==> flow/design.v <==
module data_mux_stage #(
   parameter DATA_WIDTH = 2,
   parameter NIN = 20,
   parameter SBITS = $clog2(NIN)
) (
   input  clk_i,
   input  RST,
   input  [NIN*DATA_WIDTH-1:0] src,
   input  [SBITS-1:0] addr,
   output reg [DATA_WIDTH-1:0] dout
);
   reg [NIN*DATA_WIDTH-1:0] src_d1;
   reg [SBITS-1:0] addr_d1;
   wire [NIN*DATA_WIDTH-1:0] r;
   assign r = src_d1 >> (addr_d1 * DATA_WIDTH);
   always @(posedge clk_i or posedge RST) begin
      if (RST) begin
         src_d1 <= 0;
         addr_d1 <= 0;
         dout <= 0;
      end else begin
         src_d1 <= src;
         addr_d1 <= addr;
         dout <= r[DATA_WIDTH-1:0];
      end
   end
endmodule
=== Reports on data_mux_stage ===
Tool output for the members of one design family, told apart by "DATA_WIDTH", in the order of the flow.
The RTL above is that of DATA_WIDTH 2; lines are counted from 1 in the file of the member named.
Operators carry their Yosys type and port widths (W data, S select, Z words).
Library cell names are shortened.
Not given: n/a

* Top module: data_mux_stage
* Clock: clk_i
* Library: sky130hd
* Corner: tt_025C_1v80

=== Members of the sweep ===
Lines of each other member's file that are new or changed against the file above; lines that a member lacks are not shown.

{| class="wikitable"
|+ New or changed lines
! DATA_WIDTH !! line !! source
|-
| 4 || 2 || <nowiki>parameter DATA_WIDTH = 4,</nowiki>
|-
| 8 || 2 || <nowiki>parameter DATA_WIDTH = 8,</nowiki>
|-
| 20 || 2 || <nowiki>parameter DATA_WIDTH = 20,</nowiki>
|-
| 24 || 2 || <nowiki>parameter DATA_WIDTH = 24,</nowiki>
|-
| 32 || 2 || <nowiki>parameter DATA_WIDTH = 32,</nowiki>
|}

=== Word level ===
Counts by Yosys on the flattened word-level netlist (proc, flatten, opt, wreduce; memories kept). Register bits leave out memories and registers merged into their read ports (data or address); mux counts leave out enables and synchronous resets folded into registers. Print and check cells are left out. Cells with the same type and inputs are merged into one.

{| class="wikitable"
|+ Storage and ports
! DATA_WIDTH !! word-level cells !! flip-flop bits (word level) !! bits of input ports !! output and inout bits
|-
| 2 || 4 || 47 || 47 || 2
|-
| 4 || 4 || 89 || 87 || 4
|-
| 8 || 4 || 173 || 167 || 8
|-
| 20 || 5 || 425 || 407 || 20
|-
| 24 || 5 || 509 || 487 || 24
|-
| 32 || 4 || 677 || 647 || 32
|}

{| class="wikitable"
|+ Cells by class
! DATA_WIDTH !! multipliers !! shift operators
|-
| 2 || 0 || 1
|-
| 4 || 0 || 1
|-
| 8 || 0 || 1
|-
| 20 || 1 || 1
|-
| 24 || 1 || 1
|-
| 32 || 0 || 1
|}

{| class="wikitable"
|+ Operator list
! DATA_WIDTH !! kind and count
|-
| 2 || $shr A40 B6 Y2 (1)
|-
| 4 || $shr A80 B7 Y4 (1)
|-
| 8 || $shr A160 B8 Y8 (1)
|-
| 20 || $shr A400 B10 Y20 (1); $mul A5 B3 Y8 const B (1)
|-
| 24 || $shr A480 B10 Y24 (1); $mul A5 B2 Y7 const B (1)
|-
| 32 || $shr A640 B10 Y32 (1)
|}

=== Longest topological paths ===
Yosys ltp: most cells in a row. Word level: on the elaborated netlist, between registers, memories and ports. Mapped: between sequential cells and ports; inverters and the memories' decode and read muxes count.

{| class="wikitable"
|+ Logic depth
! DATA_WIDTH !! depth after elaboration !! ABC_AREA !! mapped depth !! mapped depth without buffers
|-
| 2 || 1 || 0 || 6 || 4
|-
| 4 || 1 || 0 || 6 || 4
|-
| 8 || 1 || 0 || 6 || 4
|-
| 20 || 2 || 0 || 8 || 4
|-
| 24 || 2 || 0 || 8 || 4
|-
| 32 || 1 || 0 || 8 || 4
|}

=== Synthesis result ===
Source: synth_stat.txt of the flow (Yosys; design flattened, memories mapped). It holds for the ABC_AREA given above (unset counts as 0); a run with the other value may have another netlist.
Totals and module areas in this step are rounded.

{| class="wikitable"
|+ Synthesis totals
! DATA_WIDTH !! cells in the netlist !! synthesis area (um^2) !! area of sequential cells (um^2) !! flip-flops !! buffers
|-
| 2 || 87 || 1,600 || 1,200 || 47 || 4
|-
| 4 || 182 || 3,000 || 2,200 || 89 || 7
|-
| 8 || 262 || 5,700 || 4,300 || 173 || 12
|-
| 20 || 733 || 14,000 || 11,000 || 425 || 40
|-
| 24 || 878 || 17,000 || 13,000 || 509 || 49
|-
| 32 || 1,167 || 22,000 || 17,000 || 677 || 66
|}

{| class="wikitable"
|+ Cells by type
! DATA_WIDTH !! type and count
|-
| 2 || dfrtp_1 (47); mux4_2 (5); nor2b_1 (8); a211oi_1 (4); mux4_1 (1); mux2_2 (2); mux2i_1 (2); a2111oi_0 (2); a2bb2oi_2 (1); o21bai_1 (2); nand2b_1 (2); nor4_1 (2); buf_6 (1); buf_2 (2); o21ai_0 (2); a2bb2oi_1 (1); clkbuf_1 (1); inv_1 (1); nand2_1 (1)
|-
| 4 || dfrtp_1 (89); mux2i_1 (32); mux4_2 (4); a22oi_1 (8); nand3_1 (12); nand2_1 (12); buf_6 (3); a31oi_1 (4); nand4_1 (4); nor2b_1 (4); buf_12 (1); buf_4 (2); and2b_1 (1); nor2_1 (2); nor3b_1 (1); or2_2 (1); buf_2 (1); inv_1 (1)
|-
| 8 || dfrtp_1 (173); mux4_2 (31); mux4_1 (9); mux2i_1 (8); mux2_2 (7); a22oi_1 (7); o21ai_1 (7); buf_6 (3); clkbuf_8 (2); buf_12 (1); buf_4 (2); nor3b_2 (1); a32o_1 (1); buf_2 (2); and2b_1 (1); buf_1 (2); a31oi_1 (1); or2_2 (1); [+3]
|-
| 20 || dfrtp_1 (425); mux4_2 (60); mux2i_1 (100); a22oi_1 (40); o211ai_1 (20); buf_12 (6); nand3_1 (20); nand2_1 (20); buf_6 (6); clkbuf_1 (15); buf_2 (8); buf_4 (4); nor2b_1 (3); nor3b_1 (1); and2_1 (1); or2_2 (1); buf_1 (1); inv_1 (1); nor2_1 (1)
|-
| 24 || dfrtp_1 (509); mux4_2 (69); mux2i_1 (120); a22oi_1 (48); buf_12 (7); o211ai_2 (10); buf_6 (11); nand3_1 (24); o211ai_1 (14); nand2_1 (24); buf_2 (16); mux4_1 (3); clkbuf_1 (12); nor2b_1 (3); buf_8 (1); nor3b_2 (1); buf_4 (1); and2_1 (1); [+4]
|-
| 32 || dfrtp_1 (677); mux4_2 (96); mux2i_1 (160); a22oi_1 (64); o211ai_1 (32); nand3_1 (32); buf_4 (16); nand2_1 (32); buf_2 (23); clkbuf_1 (17); buf_8 (4); buf_6 (4); nor2b_1 (3); clkbuf_4 (2); nor3b_1 (1); and2_1 (1); or2_2 (1); inv_1 (1); nor2_1 (1)
|}

The mark [+n] counts cells that are not listed.

=== Timing after synthesis ===
OpenSTA on the mapped netlist: ideal clock, no wires. The path of least setup slack (recovery checks aside). Input and output delay are each 20% of the period. Register names are those of the netlist, which keeps one name where synthesis merged equal registers.

{| class="wikitable"
|+ Timing after synthesis
! DATA_WIDTH !! path kind !! start !! end !! clock period (ns) !! stages on the path !! slack (ns) !! delay of the path (ns) !! synthesis period reached (ns)
|-
| 2 || reg-to-reg || register addr_d1[1] || register dout[0] || 1.81 || 6 || 0.361 || 1.450 || 1.449
|-
| 4 || reg-to-reg || register addr_d1[0] || register dout[0] || 1.49 || 5 || 0.294 || 1.195 || 1.196
|-
| 8 || reg-to-reg || register addr_d1[0] || register dout[2] || 2.14 || 7 || 0.430 || 1.710 || 1.71
|-
| 20 || reg-to-reg || register addr_d1[0] || register dout[12] || 1.89 || 7 || 0.376 || 1.514 || 1.514
|-
| 24 || reg-to-reg || register addr_d1[0] || register dout[11] || 1.94 || 7 || 0.387 || 1.553 || 1.553
|-
| 32 || reg-to-reg || register addr_d1[0] || register dout[0] || 1.93 || 7 || 0.390 || 1.540 || 1.54
|}

"delay of the path" = arrival - input delay + setup time.
"stages on the path" counts driving pins, that of a launching flip-flop among them; a cell with two outputs on the path counts twice.
"synthesis period reached" = period - worst setup slack (recovery checks aside). The figure is calculated, with input and output delays left at 20% of the set period.
Between the ends stands the longest chain of elaborated cells between them, by number of cells; it is not shown to be the way that was timed. Of several equally long chains one is given.
A line is the first line of the expression or statement that the cell stems from. Yosys adds cells for indexed reads and writes and turns some case tables into memories.

Between the ends, after synthesis, DATA_WIDTH 2:
* Length of the longest elaborated chain: 1

{| class="wikitable"
|+ RTL lines, path after synthesis, DATA_WIDTH 2
! element !! line !! source
|-
| from (decl) || 13 || <nowiki>reg [SBITS-1:0] addr_d1;</nowiki>
|-
| from (assign) || 19 || <nowiki>addr_d1 <= 0;</nowiki>
|-
| from (assign) || 23 || <nowiki>addr_d1 <= addr;</nowiki>
|-
| $shr A40 B6 Y2 || 15 || <nowiki>assign r = src_d1 >> (addr_d1 * DATA_WIDTH);</nowiki>
|-
| to (assign) || 20 || <nowiki>dout <= 0;</nowiki>
|-
| to (assign) || 24 || <nowiki>dout <= r[DATA_WIDTH-1:0];</nowiki>
|-
| to (decl) || 10 || <nowiki>output reg [DATA_WIDTH-1:0] dout</nowiki>
|}

Between the ends, after synthesis, DATA_WIDTH 32:
* Length of the longest elaborated chain: 1

{| class="wikitable"
|+ RTL lines, path after synthesis, DATA_WIDTH 32
! element !! line !! source
|-
| from (decl) || 13 || <nowiki>reg [SBITS-1:0] addr_d1;</nowiki>
|-
| from (assign) || 19 || <nowiki>addr_d1 <= 0;</nowiki>
|-
| from (assign) || 23 || <nowiki>addr_d1 <= addr;</nowiki>
|-
| $shr A640 B10 Y32 || 15 || <nowiki>assign r = src_d1 >> (addr_d1 * DATA_WIDTH);</nowiki>
|-
| to (assign) || 20 || <nowiki>dout <= 0;</nowiki>
|-
| to (assign) || 24 || <nowiki>dout <= r[DATA_WIDTH-1:0];</nowiki>
|-
| to (decl) || 10 || <nowiki>output reg [DATA_WIDTH-1:0] dout</nowiki>
|}

=== Worst path after layout ===
From the final timing report of each member's run: the path of least setup slack in the routed layout; clock arrival at registers is part of the times.

{| class="wikitable"
|+ Timing post-layout
! DATA_WIDTH !! path kind !! start !! end !! slack (ns) !! clock period (ns) !! stages on the path !! buffers on the path !! arrival time (ns)
|-
| 2 || reg-to-reg || register addr_d1[1] || register dout[0] || 0.16 || 1.81 || 6 || 1 || 1.84
|-
| 4 || reg-to-reg || register addr_d1[1] || register dout[3] || 0.06 || 1.49 || 6 || 1 || 1.66
|-
| 8 || reg-to-reg || register addr_d1[0] || register dout[4] || 0.16 || 2.14 || 6 || 1 || 2.27
|-
| 20 || reg-to-output || register dout[2] || output dout[2] || 0.05 || 1.89 || 2 || 1 || 1.46
|-
| 24 || reg-to-reg || register addr_d1[0] || register dout[5] || 0.00 || 1.94 || 6 || 2 || 2.38
|-
| 32 || reg-to-reg || register addr_d1[0] || register dout[26] || -0.04 || 1.93 || 8 || 4 || 2.43
|}

=== Flow runs ===
Settings and results of one run of the flow (Yosys, OpenROAD) for each member follow. The constraints put input and output delay at 20% of the set period each and load the outputs with 0.01 pF.

* CAP_MARGIN: 20
* CORE_MARGIN: 2
* CORE_UTILIZATION: 40
* SLEW_MARGIN: 20

{| class="wikitable"
|+ Settings that differ
! DATA_WIDTH !! period_ns
|-
| 2 || 1.81
|-
| 4 || 1.49
|-
| 8 || 2.14
|-
| 20 || 1.89
|-
| 24 || 1.94
|-
| 32 || 1.93
|}

{| class="wikitable"
|+ Measured results
! DATA_WIDTH !! setup TNS (ns) !! area of the synthesized netlist (um^2) !! power consumption (mW) !! clock period reached (ns) !! worst setup slack after layout (ns) !! standard-cell area of the final layout (um^2) !! total die area (um^2) !! final design utilization (%)
|-
| 2 || 0.000 || 1,600 || 1.9 || 1.651 || 0.16 || 2,200 || 4,400 || 59
|-
| 4 || 0.000 || 3,000 || 4.7 || 1.427 || 0.063 || 4,200 || 8,200 || 58
|-
| 8 || 0.000 || 5,700 || 7.4 || 1.976 || 0.16 || 8,300 || 15,000 || 60
|-
| 20 || 0.000 || 14,000 || 21 || 1.837 || 0.053 || 21,000 || 36,000 || 60
|-
| 24 || 0.000 || 17,000 || 24 || 1.938 || 0.002 || 25,000 || 44,000 || 60
|-
| 32 || -0.096 || 22,000 || 32 || 1.971 || -0.041 || 34,000 || 57,000 || 61
|}

By "clock period reached" is meant the clock period of the run minus its worst setup slack. This is arithmetic on one report: input and output delays are still those of the set period (20% each).
"power consumption": no workload was simulated; the value follows from the tool's default switching activity.
The measured numbers are rounded.
